==> flow/design.v <==
module sh_core_v2 #(
   parameter DWIDTH = 24,
   parameter SEL_WIDTH = $clog2(DWIDTH)
) (
   input  clock,
   input  reset,
   input  [DWIDTH-1:0] in_src,
   input  [SEL_WIDTH-1:0] in_n,
   output [DWIDTH-1:0] out_dout
);
   reg [DWIDTH-1:0] src_d1;
   reg [SEL_WIDTH-1:0] n_d1;
   reg [DWIDTH-1:0] nxt_d1;
   reg [1:0] n_d1_lo;
   reg [DWIDTH-1:0] dout_d1;
   assign out_dout = dout_d1;
   always @(posedge clock) begin
      if (reset) begin
         src_d1 <= 0;
         n_d1 <= 0;
         nxt_d1 <= 0;
         n_d1_lo <= 0;
         dout_d1 <= 0;
      end else begin
         src_d1 <= in_src;
         n_d1 <= in_n;
         nxt_d1 <= src_d1 << {n_d1[SEL_WIDTH-1:2], 2'b00};
         n_d1_lo <= n_d1[1:0];
         dout_d1 <= nxt_d1 << n_d1_lo;
      end
   end
endmodule
=== Tool chain data of sh_core_v2 ===
The steps from the RTL of sh_core_v2 to its reports follow in flow order.
Lines are those of the file above, counted from 1.
Not given: n/a

* Top: sh_core_v2
* Clock port: clock
* Library: sky130hd
* Corner: tt_025C_1v80

=== After elaboration ===
Yosys after proc, flatten, opt, wreduce and memory -nomap, before mapping. Enables and synchronous resets that opt folds into registers are not counted as muxes. Memory bits, and registers merged into a memory's read port (data or address), are not among the register bits. Print and check cells are not counted. Equal cells are merged and count once.

* Shift operators: 2

{| class="wikitable"
|+ Operator list
! cell !! count
|-
| << shifter 24 x 2 -> 24 bit || 1
|-
| << shifter 24 x 5 -> 24 bit || 1
|}

* Register bits: 79
* Input port bits: 31
* Output and inout bits: 24
* Cells after elaboration: 7

=== Longest topological paths ===
Longest topological path by Yosys (ltp), each cell counted once; first at word level (registers and memories cut), then after technology mapping (sequential cells cut; the memories' decode and read muxes count).

* Depth after elaboration: 1
* ABC_AREA: 0
* Gate-level depth with buffers: 5
* Mapped depth without buffers: 3

=== Mapped cells and area ===
The flow's flattened synthesis, as Yosys stat reports it; memories are mapped. The netlist is that of the ABC_AREA named above (0 if unset); the other value can give another one.
The area totals of this step are shown rounded.

{| class="wikitable"
|+ Cell types
! cell type !! count !! total area (sq um)
|-
| sky130_fd_sc_hd__dfxtp_1 || 79 || 1.58E+03
|-
| sky130_fd_sc_hd__mux4_2 || 20 || 450.432
|-
| sky130_fd_sc_hd__nor2b_1 || 54 || 337.824
|-
| sky130_fd_sc_hd__mux2i_1 || 15 || 150.144
|-
| sky130_fd_sc_hd__mux2_2 || 11 || 123.869
|-
| sky130_fd_sc_hd__nor2_1 || 16 || 60.058
|-
| sky130_fd_sc_hd__nand2_1 || 15 || 56.304
|-
| sky130_fd_sc_hd__a211oi_1 || 6 || 45.043
|-
| sky130_fd_sc_hd__buf_6 || 4 || 45.043
|-
| sky130_fd_sc_hd__a2bb2oi_1 || 4 || 35.034
|-
| sky130_fd_sc_hd__buf_2 || 7 || 35.034
|-
| sky130_fd_sc_hd__o211ai_1 || 4 || 30.029
|-
| sky130_fd_sc_hd__clkbuf_1 || 7 || 26.275
|-
| sky130_fd_sc_hd__a31oi_1 || 4 || 25.024
|-
| sky130_fd_sc_hd__and3_1 || 4 || 25.024
|-
| sky130_fd_sc_hd__nand2b_1 || 4 || 25.024
|-
| sky130_fd_sc_hd__nor4b_1 || 2 || 17.517
|-
| sky130_fd_sc_hd__or4bb_1 || 1 || 11.261
|}

Not listed: further types 9, cells in them 11.

* Standard cells after synthesis: 268
* Cell area after synthesis: 3150 sq um
* Flip-flop cells: 79
* Buffers: 21

=== Path before layout ===
Source: OpenSTA report_checks on the synthesized netlist (no wires, ideal clock, input and output delay 20% of the period each), path of least setup slack; recovery checks are left aside. Register names are those of the netlist, which keeps one name where synthesis merged equal registers.

* Path kind: register to register
* Start: register n_d1_lo[0]
* End: register dout_d1[10]
* Clock period: 1710 ps
* Time at the first pin: 0 ps
* Data arrival time: 1238 ps
* Required time: 1582 ps
* Path slack: 344 ps
* Path delay: 1366 ps
* Driving pins on the path: 5
* Buffers on the path: 2
* Period reached after synthesis: 1366 ps

"path delay" is the arrival time less input delay plus setup time.
"driving pins on the path": output pins that drive a net of the path, with the launching flip-flop's if there is one; two outputs of one cell count as two.
"period reached after synthesis" is the clock period less the worst setup slack; recovery checks do not enter. This is arithmetic on one report: input and output delays are still those of the set period (20% each).
Between the ends stands the longest chain of elaborated cells between them, by number of cells; it is not shown to be the way that was timed. Of several equally long chains one is given.
Each line given opens the expression or statement behind the cell; cells for indexed reads and writes are added by Yosys, which also makes memories of some case tables.

* Path through: sky130_fd_sc_hd__dfxtp_1 > sky130_fd_sc_hd__buf_6 > sky130_fd_sc_hd__buf_6 > sky130_fd_sc_hd__mux4_2 > sky130_fd_sc_hd__nor2b_1
* Length of the longest elaborated chain: 1
* Elaborated cells between the ends (all ways): 1
* Those cells by class: shift (1)

{| class="wikitable"
|+ Ends and longest elaborated chain, post-synthesis
! what !! RTL line !! RTL
|-
| from (decl) || 14 || <nowiki>reg [1:0] n_d1_lo;</nowiki>
|-
| from (assign) || 22 || <nowiki>n_d1_lo <= 0;</nowiki>
|-
| from (assign) || 28 || <nowiki>n_d1_lo <= n_d1[1:0];</nowiki>
|-
| << shifter 24 x 2 -> 24 bit || 29 || <nowiki>dout_d1 <= nxt_d1 << n_d1_lo;</nowiki>
|-
| to (assign) || 23 || <nowiki>dout_d1 <= 0;</nowiki>
|-
| to (assign) || 29 ||
|-
| to (decl) || 15 || <nowiki>reg [DWIDTH-1:0] dout_d1;</nowiki>
|}

=== Worst path after layout ===
From the final timing report of run 1: the path of least setup slack in the routed layout; clock arrival at registers is part of the times.
The report prints the path's times to 10 ps; the period is as set.

* Path kind: register to register
* Start: register n_d1_lo[0]
* End: register dout_d1[6]
* Clock period: 1550 ps
* Time at the first pin: 360 ps
* Data arrival time: 1620 ps
* Required time: 1790 ps
* Path slack: 170 ps
* Driving pins on the path: 4
* Buffers on the path: 1

Between the ends stands the longest chain of elaborated cells between them, by number of cells; it is not shown to be the way that was timed. Of several equally long chains one is given.

* Path through: sky130_fd_sc_hd__dfxtp_2 > sky130_fd_sc_hd__buf_12 > sky130_fd_sc_hd__mux4_2 > sky130_fd_sc_hd__nor2b_1
* Length of the longest elaborated chain: 1
* Elaborated cells between the ends (all ways): 1
* Those cells by class: shift (1)

{| class="wikitable"
|+ Ends and longest elaborated chain, after layout
! what !! RTL line !! RTL
|-
| from (decl) || 14 || <nowiki>reg [1:0] n_d1_lo;</nowiki>
|-
| from (assign) || 22 || <nowiki>n_d1_lo <= 0;</nowiki>
|-
| from (assign) || 28 || <nowiki>n_d1_lo <= n_d1[1:0];</nowiki>
|-
| << shifter 24 x 2 -> 24 bit || 29 || <nowiki>dout_d1 <= nxt_d1 << n_d1_lo;</nowiki>
|-
| to (assign) || 23 || <nowiki>dout_d1 <= 0;</nowiki>
|-
| to (assign) || 29 ||
|-
| to (decl) || 15 || <nowiki>reg [DWIDTH-1:0] dout_d1;</nowiki>
|}

Appendix: measured runs

Top module sh_core_v2; platform sky130hd; tools Yosys and OpenROAD; 3 stored runs in no particular order. Input and output delays are each 20% of the period that was set; the output load is 0.01 pF.
"allowed time less slack (worst setup path)" = time allowed to the worst setup path (clock period - input delay - output delay, where it has them) - its slack; a late launch clock adds to it, a late capture clock takes from it.
"total power of the final layout" rests on the timing tool's default activity at the inputs, not on a simulated workload.
"allowed time less slack (worst setup path)" is known to 10 ps.
Measured values are rounded.

=== Run 1 ===
{| class="wikitable"
! Setting !! Value
|-
| period_ns || 1.55
|-
| CORE_UTILIZATION || 30
|-
| SETUP_SLACK_MARGIN || 0.09
|-
| PLACE_DENSITY_LB_ADDON || 0.12
|-
| CELL_PAD_IN_SITES_DETAIL_PLACEMENT || 2
|-
| GPL_ROUTABILITY_DRIVEN || 1
|-
| CTS_CLUSTER_DIAMETER || 320
|-
| CAP_MARGIN || 0
|-
| SLEW_MARGIN || 10
|-
| MIN_ROUTING_LAYER || met2
|-
| CORE_MARGIN || 2
|-
! Result !! Value
|-
| Allowed time less slack (worst setup path) || 1380 ps
|-
| Kind of the worst setup path || register to register
|-
| Setup TNS || 0 ps
|-
| Synthesis area || 3150 sq um
|-
| Utilization of the finished layout || 39.5 %
|-
| Std-cell area (final layout) || 4060 sq um
|-
| Lowest hold slack || 436 ps
|-
| Worst setup slack after layout || 167 ps
|-
| Total power of the final layout || 4.14 mW
|-
| Total die area || 11300 sq um
|}

=== Run 2 ===
{| class="wikitable"
! Setting !! Value
|-
| period_ns || 1.71
|-
| CAP_MARGIN || 20
|-
| CORE_MARGIN || 2
|-
| CORE_UTILIZATION || 40
|-
| SLEW_MARGIN || 20
|-
! Result !! Value
|-
| Worst setup slack after layout || 187 ps
|-
| Lowest hold slack || 363 ps
|-
| Allowed time less slack (worst setup path) || 1180 ps
|-
| Kind of the worst setup path || register to output
|-
| Utilization of the finished layout || 52.2 %
|-
| Setup TNS || 0 ps
|-
| Total power of the final layout || 3.72 mW
|-
| Total die area || 8600 sq um
|-
| Std-cell area (final layout) || 4010 sq um
|-
| Synthesis area || 3150 sq um
|}

=== Run 3 ===
{| class="wikitable"
! Setting !! Value
|-
| period_ns || 1.64
|-
| CORE_UTILIZATION || 39
|-
| SETUP_SLACK_MARGIN || 0.39
|-
| HOLD_SLACK_MARGIN || 0.03
|-
| CELL_PAD_IN_SITES_GLOBAL_PLACEMENT || 0
|-
| CELL_PAD_IN_SITES_DETAIL_PLACEMENT || 1
|-
| GPL_ROUTABILITY_DRIVEN || 1
|-
| CTS_CLUSTER_SIZE || 30
|-
| SLEW_MARGIN || 0
|-
| CAP_MARGIN || 20
|-
| CORE_MARGIN || 2
|-
! Result !! Value
|-
| Utilization of the finished layout || 53.6 %
|-
| Worst setup slack after layout || 302 ps
|-
| Setup TNS || 0 ps
|-
| Allowed time less slack (worst setup path) || 1340 ps
|-
| Kind of the worst setup path || register to register
|-
| Total power of the final layout || 4.21 mW
|-
| Lowest hold slack || 433 ps
|-
| Total die area || 8810 sq um
|-
| Synthesis area || 3150 sq um
|-
| Std-cell area (final layout) || 4170 sq um
|}
